==> flow/design.v <==
module sh_core_n #(
   parameter integer DWIDTH = 56,
   parameter integer SW = $clog2(DWIDTH)
) (
   input wire ck,
   input wire rstn,
   input wire en,
   input wire [DWIDTH-1:0] data,
   input wire [SW-1:0] sh,
   input wire dir,
   output reg [DWIDTH-1:0] y
);
   reg [DWIDTH-1:0] data_s;
   reg [SW-1:0] sh_s;
   reg dir_s;
   always @(posedge ck) begin
      if (!rstn) begin
         data_s <= 0;
         sh_s <= 0;
         dir_s <= 1'b0;
         y <= 0;
      end else if (en) begin
         data_s <= data;
         sh_s <= sh;
         dir_s <= dir;
         y <= dir_s ? data_s << sh_s : data_s >> sh_s;
      end
   end
endmodule
# Tool chain data of sh_core_n
# What the tools print for sh_core_n, step after step.
# Lines are those of the file above, counted from 1.
# Operators: Yosys type, input widths -> output width; for muxes data width and select width s.
# Cell names lack the library's common part.
# Not given: --
# inputs
design	sh_core_n
clock	ck
cell_library	sky130hd
corner	tt_025C_1v80

# Word-level counts
# Counts by Yosys on the flattened word-level netlist (proc, flatten, opt, wreduce; memories kept). Register bits leave out memories and registers merged into their read ports (data or address); mux counts leave out enables and synchronous resets folded into registers. Print and check cells are left out. Cells with the same type and inputs are merged into one.
# bits
register_bits	119
in_bits	66
out_inout_bits	56
# classes
shift	2
muxes	1
# op_table
op	count
$shl 56x6->56	1
$shr 56x6->56	1
$mux 56	1

# Logic depth
# Depth = most cells in a row (Yosys ltp): at word level without a register or memory, in the mapped netlist without a sequential cell, where the memories' decode and read muxes count.
# depth
ltp_word	2
abc_area	1
mapped_depth	14
mapped_depth_nobuf	13

# Netlist
# Source: synth_stat.txt of the flow (Yosys; design flattened, memories mapped). It holds for the ABC_AREA given above (unset counts as 0); a run with the other value may have another netlist.
# The area totals of this step are shown rounded.
# synth_totals
cell_count	1945
synth_area_um2	10700
ff_cells	119
n_buf	156
# by_type
cell	count
nand3_1	664
dfxtp_1	119
nand2_1	481
nor2_1	226
o21ai_0	105
clkbuf_1	76
buf_2	45
a21oi_1	41
nand4_1	26
inv_1	38
nand3b_1	18
buf_1	27
and2_1	15
buf_6	8
nand2_2	12
o211ai_1	9
o21ai_1	13
a31oi_1	6
# Not listed: further types 7, cells in them 16.

# Worst setup path after synthesis
# OpenSTA on the mapped netlist: ideal clock, no wires. The path of least setup slack (recovery checks aside). Input and output delay are each 20% of the period. Register names are those of the netlist, which keeps one name where synthesis merged equal registers.
# synth_path
path_kind	input -> register
from	input en
to	register y[34]
period_ns	2.81
in_delay_ns	0.562
setup_ns	0.113
launch_ns	0.562
arrival_ns	1.613
required_ns	2.697
slack_ns	1.084
delay_ns	1.164
path_stages	6
n_path_buf	3
period_less_setup_slack_ns	1.726
# "delay_ns" = arrival - input delay + setup time.
# "path_stages": output pins that drive a net of the path, with the launching flip-flop's if there is one; two outputs of one cell count as two.
# "period_less_setup_slack_ns" is the clock period less the worst setup slack; recovery checks do not enter. This is arithmetic on one report: input and output delays are still those of the set period (20% each).
# synth_between
cell_sequence	clkbuf_1 clkbuf_1 clkbuf_1 o21ai_0 o21ai_1 inv_1
# synth_rtl
element	line	source
from (decl)	7	input wire en,
to (assign)	21	y <= 0;
to (assign)	26	y <= dir_s ? data_s << sh_s : data_s >> sh_s;
to (decl)	11	output reg [DWIDTH-1:0] y
# No chain of elaborated cells between the ends is given.

# Worst path after layout
# Path of least setup slack in the final report of run 2 (OpenROAD, finished layout, wires in). Where an end is a register, its clock arrival counts in the times.
# layout_path
path_kind	register -> register
from	register sh_s[0]
to	register y[50]
period_ns	1.83
setup_ns	0.10
launch_ns	0.45
arrival_ns	2.38
required_ns	2.19
slack_ns	-0.19
path_stages	14
n_path_buf	4
# The rows between start and end are the longest chain of elaborated cells between them; the timing report does not say that the signal goes this way. Where chains are equally long, one stands for them.
# Each line given opens the expression or statement behind the cell; cells for indexed reads and writes are added by Yosys, which also makes memories of some case tables.
# layout_between
cell_sequence	dfxtp_4 inv_8 buf_8 buf_12 nand2_2 nand3_1 buf_4 nand4_1 buf_4 nand2_1 nand3_1 nand3b_1 nand2_1 inv_1
elab_chain_cells	2
# layout_rtl
element	line	source
from (decl)	14	reg [SW-1:0] sh_s;
from (assign)	19	sh_s <= 0;
from (assign)	24	sh_s <= sh;
$shr 56x6->56	26	y <= dir_s ? data_s << sh_s : data_s >> sh_s;
$mux 56	26
to (assign)	21	y <= 0;
to (assign)	26
to (decl)	11	output reg [DWIDTH-1:0] y

# Design sh_core_n on sky130hd. What follows are 3 stored runs of the flow, each under its own settings; their order means nothing. The constraints put input and output delay at 20% of the set period each and load the outputs with 0.01 pF.
# "timing.achieved_period_ns" means the clock period less the worst setup slack. The figure is calculated, with input and output delays left at 20% of the set period.
# "worst_path_ns": the worst setup path's part of the clock period (all of it between registers, 20% less for each end at a port) less its slack. A launch clock that arrives late makes it longer, a capture clock that arrives late makes it shorter.
# By "final_power_uw" is meant OpenSTA's value without simulated activity: inputs other than the clock are taken to toggle once in ten clock periods, and the tool carries that through the logic.
# Results are given in rounded form.
# A setting shown as . is not set for that run.
# Results: . = not shown.
run name	period_ns	CORE_UTILIZATION	SETUP_SLACK_MARGIN	CORE_ASPECT_RATIO	GPL_TIMING_DRIVEN	SLEW_MARGIN	CAP_MARGIN	CORE_MARGIN	PLACE_DENSITY_LB_ADDON	CELL_PAD_IN_SITES_GLOBAL_PLACEMENT	ABC_AREA	worst_path_ns	path_kind	die_area_um2	tns_setup_ns	ys_area_um2	layout_utilization_frac	fin_ws_ns	fin_hold_ws_ns	finish.stdcell_area_um2	final_power_uw	timing.achieved_period_ns
run 1	2.33	68	0.61	0.82	0	20	20	2	.	.	.	.	.	.	.	.	.	.	.	.	.	.
run 2	1.83	26	.	1.2	.	40	15	2	0.01	2	1	2.02	register -> register	42700	-5.39	10700	0.407	-0.192	0.371	16500	12200	2.022
run 3	2.81	40	.	.	.	20	20	2	.	.	.	2.89	register -> register	33700	-0.128	12900	0.529	-0.076	0.483	16700	7460	2.886
# Run 1: not finished: routing ended with error GRT-0116
